==> flow/design.v <==
module alu_mux_mod #(
  parameter XLEN = 6,
  parameter N = 48,
  parameter LG = $clog2(N)
) (
  input wire i_clk,
  input wire aresetn,
  input wire adv,
  input wire [N*XLEN-1:0] din,
  input wire [LG-1:0] sel,
  output reg [XLEN-1:0] result
);
  reg [N*XLEN-1:0] din_r;
  reg [LG-1:0] sel_r;
  wire [XLEN-1:0] opt [0:N-1];
  genvar gi;
  generate
    for (gi = 0; gi < N; gi = gi + 1) begin : gen
      assign opt[gi] = din_r[gi*XLEN +: XLEN];
    end
  endgenerate
  always @(posedge i_clk or negedge aresetn) begin
    if (!aresetn) begin
      din_r <= 0;
      sel_r <= 0;
      result <= 0;
    end else if (adv) begin
      din_r <= din;
      sel_r <= sel;
      result <= opt[sel_r];
    end
  end
endmodule
---- Tool chain data of alu_mux_mod ----
What the tools print for alu_mux_mod, step after step.
Line numbers count from 1 in the design file above.
Operators: Yosys type, input widths -> output width; for muxes data width and select width s.
A cell with -- has no value.
design
  top module .............................. alu_mux_mod
  clock ................................... i_clk
  standard-cell library ................... sky130hd
  timing corner ........................... tt_025C_1v80

---- After elaboration ----
Source: Yosys, flattened and elaborated. Widths are those after wreduce. Registers that Yosys merges into a memory's read port (data or address) are not register bits. Print and check cells do not count. Equal cells are merged and count once.
cells by class
  eq/ne operators ......................... 47
  muxes and demuxes ....................... 1
  reduce/logical cells .................... 1
operators with widths
  kind                number
  $pmux 6 s48         1
  $eq 6x5->1 const B  16
  $eq 6x6->1 const B  16
  $eq 6x4->1 const B  8
  $eq 6x3->1 const B  4
  $eq 6x2->1 const B  2
  $eq 6x1->1 const B  1
  $logic_not 6->1     1
bit counts
  register bits after elaboration ......... 300
  input port bits ......................... 297
  output and inout bits ................... 6
  word-level cells ........................ 52

---- Logic depth ----
Depth = most cells in a row (Yosys ltp): at word level without a register or memory, in the mapped netlist without a sequential cell, where the memories' decode and read muxes count.
logic depth
  depth after elaboration ................. 2
  ABC_AREA ................................ 0
  mapped depth ............................ 10
  gate-level depth less buffers ........... 6

---- Netlist ----
Yosys stat after the flow's synthesis: flattened, memories mapped to cells. It holds for the ABC_AREA given above (unset counts as 0); a run with the other value may have another netlist.
mapped netlist
  standard cells after synthesis .......... 1,061
  mapped area ............................. 13,892.1 µm²
  area of sequential cells ................ 7,507.2 µm²
  mapped flip-flops ....................... 300
cell types
  cell type                  number
  sky130_fd_sc_hd__dfrtp_1   300
  sky130_fd_sc_hd__mux2_2    305
  sky130_fd_sc_hd__nand3_1   61
  sky130_fd_sc_hd__nand4_1   29
  sky130_fd_sc_hd__clkbuf_1  48
  sky130_fd_sc_hd__mux2i_1   18
  sky130_fd_sc_hd__a32oi_1   19
  sky130_fd_sc_hd__a22oi_1   20
  sky130_fd_sc_hd__buf_6     12
  sky130_fd_sc_hd__a22o_1    15
  sky130_fd_sc_hd__buf_2     22
  sky130_fd_sc_hd__nand2_1   26
  sky130_fd_sc_hd__o21ai_0   18
  sky130_fd_sc_hd__a31oi_1   11
  sky130_fd_sc_hd__a21oi_1   13
  sky130_fd_sc_hd__a32o_1    6
  sky130_fd_sc_hd__o22ai_1   9
  sky130_fd_sc_hd__and3_1    8
Not listed: further types 50, cells in them 121.

---- Worst setup path after synthesis ----
Path of least setup slack by OpenSTA after synthesis, without wires, with an ideal clock, recovery checks aside; 20% of the period is set as input and as output delay. Where synthesis merged equal registers, the netlist keeps one of their names.
path post-synthesis
  kind .................................... register to register
  from .................................... register sel_r[3]
  to ...................................... register result[0]
  period .................................. 2.58 ns
  setup time .............................. 0.135 ns
  data arrival time ....................... 1.930 ns
  required time ........................... 2.445 ns
  setup slack ............................. 0.515 ns
  delay of the path ....................... 2.065 ns
  stages on the path ...................... 9
  synthesis period reached ................ 2.065 ns
"delay of the path" is the arrival time less input delay plus setup time.
"stages on the path": output pins that drive a net of the path, with the launching flip-flop's if there is one; two outputs of one cell count as two.
"synthesis period reached" is the clock period less the worst setup slack; recovery checks do not enter. This is arithmetic on one report: input and output delays are still those of the set period (20% each).
Between the ends stands the longest chain of elaborated cells between them, by number of cells; it is not shown to be the way that was timed. Of several equally long chains one is given.
Each line given opens the expression or statement behind the cell; cells for indexed reads and writes are added by Yosys, which also makes memories of some case tables.
between the ends, post-synthesis
  cell sequence ........................... sky130_fd_sc_hd__dfrtp_1 sky130_fd_sc_hd__buf_6 sky130_fd_sc_hd__buf_6 sky130_fd_sc_hd__mux2_4 sky130_fd_sc_hd__a22oi_2 sky130_fd_sc_hd__o32ai_1 sky130_fd_sc_hd__or4_1 sky130_fd_sc_hd__nor4_1 sky130_fd_sc_hd__a31oi_1
  cells in the longest elaborated chain ... 2
RTL lines, path post-synthesis
  element        RTL line  RTL
  from (decl)    14        reg [LG-1:0] sel_r;
  from (assign)  25        sel_r <= 0;
  from (assign)  29        sel_r <= sel;
  $eq 6x6->1     30        result <= opt[sel_r];
  $pmux 6 s48    30
  to (assign)    26        result <= 0;
  to (assign)    30
  to (decl)      11        output reg [XLEN-1:0] result

---- Timing after layout ----
Path of least setup slack in the final report of run 1 (OpenROAD, finished layout, wires in). Where an end is a register, its clock arrival counts in the times.
path post-layout
  kind .................................... register to register
  from .................................... register sel_r[3]
  to ...................................... register result[1]
  period .................................. 3.89 ns
  setup time .............................. 0.08 ns
  data arrival time ....................... 3.87 ns
  required time ........................... 4.35 ns
  setup slack ............................. 0.48 ns
  stages on the path ...................... 10
Between the ends stands the longest chain of elaborated cells between them, by number of cells; it is not shown to be the way that was timed. Of several equally long chains one is given.
between the ends, post-layout
  cell sequence ........................... sky130_fd_sc_hd__dfrtp_1 sky130_fd_sc_hd__buf_6 sky130_fd_sc_hd__buf_2 sky130_fd_sc_hd__buf_1 sky130_fd_sc_hd__nand4_1 sky130_fd_sc_hd__o32a_1 sky130_fd_sc_hd__a31oi_1 sky130_fd_sc_hd__a2111o_1 sky130_fd_sc_hd__nor4_1 sky130_fd_sc_hd__o22ai_1
  cells in the longest elaborated chain ... 2
RTL lines, path post-layout
  element        RTL line  RTL
  from (decl)    14        reg [LG-1:0] sel_r;
  from (assign)  25        sel_r <= 0;
  from (assign)  29        sel_r <= sel;
  $eq 6x6->1     30        result <= opt[sel_r];
  $pmux 6 s48    30
  to (assign)    26        result <= 0;
  to (assign)    30
  to (decl)      11        output reg [XLEN-1:0] result

Subject: alu_mux_mod on sky130hd, stored results

Hello all,

Record of 3 stored runs of the RTL-to-layout flow on alu_mux_mod, platform sky130hd. The runs are unordered. Constraints: input delay and output delay 20% of the set period each, output load 0.01 pF.
"clock period reached": clock period set for the run, less the worst setup slack. It is reckoned from that one timing run; input and output delays stay at 20% of the period that was set.
"time used up by the worst setup path" means the part of the period allowed to the worst setup path (the constraints hold back 20% at inputs and 20% at outputs) less its slack; where the path has registers, the arrival times of their clocks count too.
"total power after layout": no workload was simulated; the value follows from the tool's default switching activity.

======== run 1 ========
==> flow/run.sh <==
#!/bin/bash
# the make line also repeats the synthesis and layout settings of config.mk as NAME=value (left out here)
make -C /OpenROAD-flow-scripts/flow DESIGN_CONFIG=/design/flow/config.mk WORK_HOME=/design/flow/orfs CLKGATE_MAP_FILE= finish
==> flow/config.mk <==
export PLATFORM = sky130hd
export DESIGN_NAME = alu_mux_mod
export DESIGN_NICKNAME = alu_mux_mod
export VERILOG_FILES = /design/flow/design.v
export SDC_FILE = /design/flow/constraint.sdc
export NUM_CORES = 4
export LEC_CHECK = 0
export ABC_AREA = 0
export CAP_MARGIN = 0
export CELL_PAD_IN_SITES_DETAIL_PLACEMENT = 1
export CELL_PAD_IN_SITES_GLOBAL_PLACEMENT = 2
export CORE_ASPECT_RATIO = 1.44
export CORE_MARGIN = 4
export CORE_UTILIZATION = 22
export CTS_CLUSTER_DIAMETER = 122
export GPL_ROUTABILITY_DRIVEN = 0
export GPL_TIMING_DRIVEN = 0
export MAX_ROUTING_LAYER = met5
export MIN_ROUTING_LAYER = met2
export PLACE_DENSITY_LB_ADDON = 0.16
export SETUP_SLACK_MARGIN = 0.32
export SLEW_MARGIN = 30
==> flow/constraint.sdc <==
create_clock -name core_clock -period 3.89 [get_ports {i_clk}]
set_input_delay 0.7780 -clock core_clock [delete_from_list [all_inputs] [get_ports {i_clk}]]
set_output_delay 0.7780 -clock core_clock [all_outputs]
set_load 0.01 [all_outputs]

-------- measured, run 1 --------
  worst setup slack after layout .......... 0.481 ns
  standard-cell area after layout ......... 19,413.6 µm²
  total negative setup slack .............. 0.000 ns
  clock period reached .................... 3.409 ns
  total power after layout ................ 0.009049 W
  die size ................................ 67,296.6 µm²
  utilization in the final report ......... 0.311
  chip area after synthesis (Yosys) ....... 13,892.1 µm²
  time used up by the worst setup path .... 3.41 ns
  critical path type ...................... register to register

======== run 2 ========
==> flow/run.sh <==
#!/bin/bash
# the make line also repeats the synthesis and layout settings of config.mk as NAME=value (left out here)
make -C /OpenROAD-flow-scripts/flow DESIGN_CONFIG=/design/flow/config.mk WORK_HOME=/design/flow/orfs CLKGATE_MAP_FILE= finish
==> flow/config.mk <==
export PLATFORM = sky130hd
export DESIGN_NAME = alu_mux_mod
export DESIGN_NICKNAME = alu_mux_mod
export VERILOG_FILES = /design/flow/design.v
export SDC_FILE = /design/flow/constraint.sdc
export NUM_CORES = 4
export LEC_CHECK = 0
export CAP_MARGIN = 20
export CORE_MARGIN = 2
export CORE_UTILIZATION = 40
export SLEW_MARGIN = 20
==> flow/constraint.sdc <==
create_clock -name core_clock -period 2.58 [get_ports {i_clk}]
set_input_delay 0.5160 -clock core_clock [delete_from_list [all_inputs] [get_ports {i_clk}]]
set_output_delay 0.5160 -clock core_clock [all_outputs]
set_load 0.01 [all_outputs]

-------- measured, run 2 --------
  worst setup slack after layout .......... 0.112 ns
  standard-cell area after layout ......... 18,951.9 µm²
  total negative setup slack .............. 0.000 ns
  clock period reached .................... 2.468 ns
  total power after layout ................ 0.012461 W
  die size ................................ 36,236.9 µm²
  utilization in the final report ......... 0.551
  chip area after synthesis (Yosys) ....... 13,892.1 µm²
  time used up by the worst setup path .... 2.47 ns
  critical path type ...................... register to register

======== run 3 ========
==> flow/run.sh <==
#!/bin/bash
# the make line also repeats the synthesis and layout settings of config.mk as NAME=value (left out here)
make -C /OpenROAD-flow-scripts/flow DESIGN_CONFIG=/design/flow/config.mk WORK_HOME=/design/flow/orfs CLKGATE_MAP_FILE= finish
==> flow/config.mk <==
export PLATFORM = sky130hd
export DESIGN_NAME = alu_mux_mod
export DESIGN_NICKNAME = alu_mux_mod
export VERILOG_FILES = /design/flow/design.v
export SDC_FILE = /design/flow/constraint.sdc
export NUM_CORES = 4
export LEC_CHECK = 0
export CAP_MARGIN = 20
export CELL_PAD_IN_SITES_DETAIL_PLACEMENT = 1
export CORE_ASPECT_RATIO = 1.34
export CORE_MARGIN = 2
export CORE_UTILIZATION = 25
export CTS_CLUSTER_DIAMETER = 121
export CTS_CLUSTER_SIZE = 31
export MAX_ROUTING_LAYER = met5
export PLACE_DENSITY_LB_ADDON = 0.0
export SETUP_SLACK_MARGIN = 1.05
export SLEW_MARGIN = 20
==> flow/constraint.sdc <==
create_clock -name core_clock -period 3.62 [get_ports {i_clk}]
set_input_delay 0.7240 -clock core_clock [delete_from_list [all_inputs] [get_ports {i_clk}]]
set_output_delay 0.7240 -clock core_clock [all_outputs]
set_load 0.01 [all_outputs]

-------- measured, run 3 --------
  worst setup slack after layout .......... 1.039 ns
  standard-cell area after layout ......... 18,423.9 µm²
  total negative setup slack .............. 0.000 ns
  clock period reached .................... 2.581 ns
  total power after layout ................ 0.007544 W
  die size ................................ 57,490.3 µm²
  utilization in the final report ......... 0.333
  chip area after synthesis (Yosys) ....... 13,892.1 µm²
  time used up by the worst setup path .... 2.58 ns
  critical path type ...................... register to register

Thanks
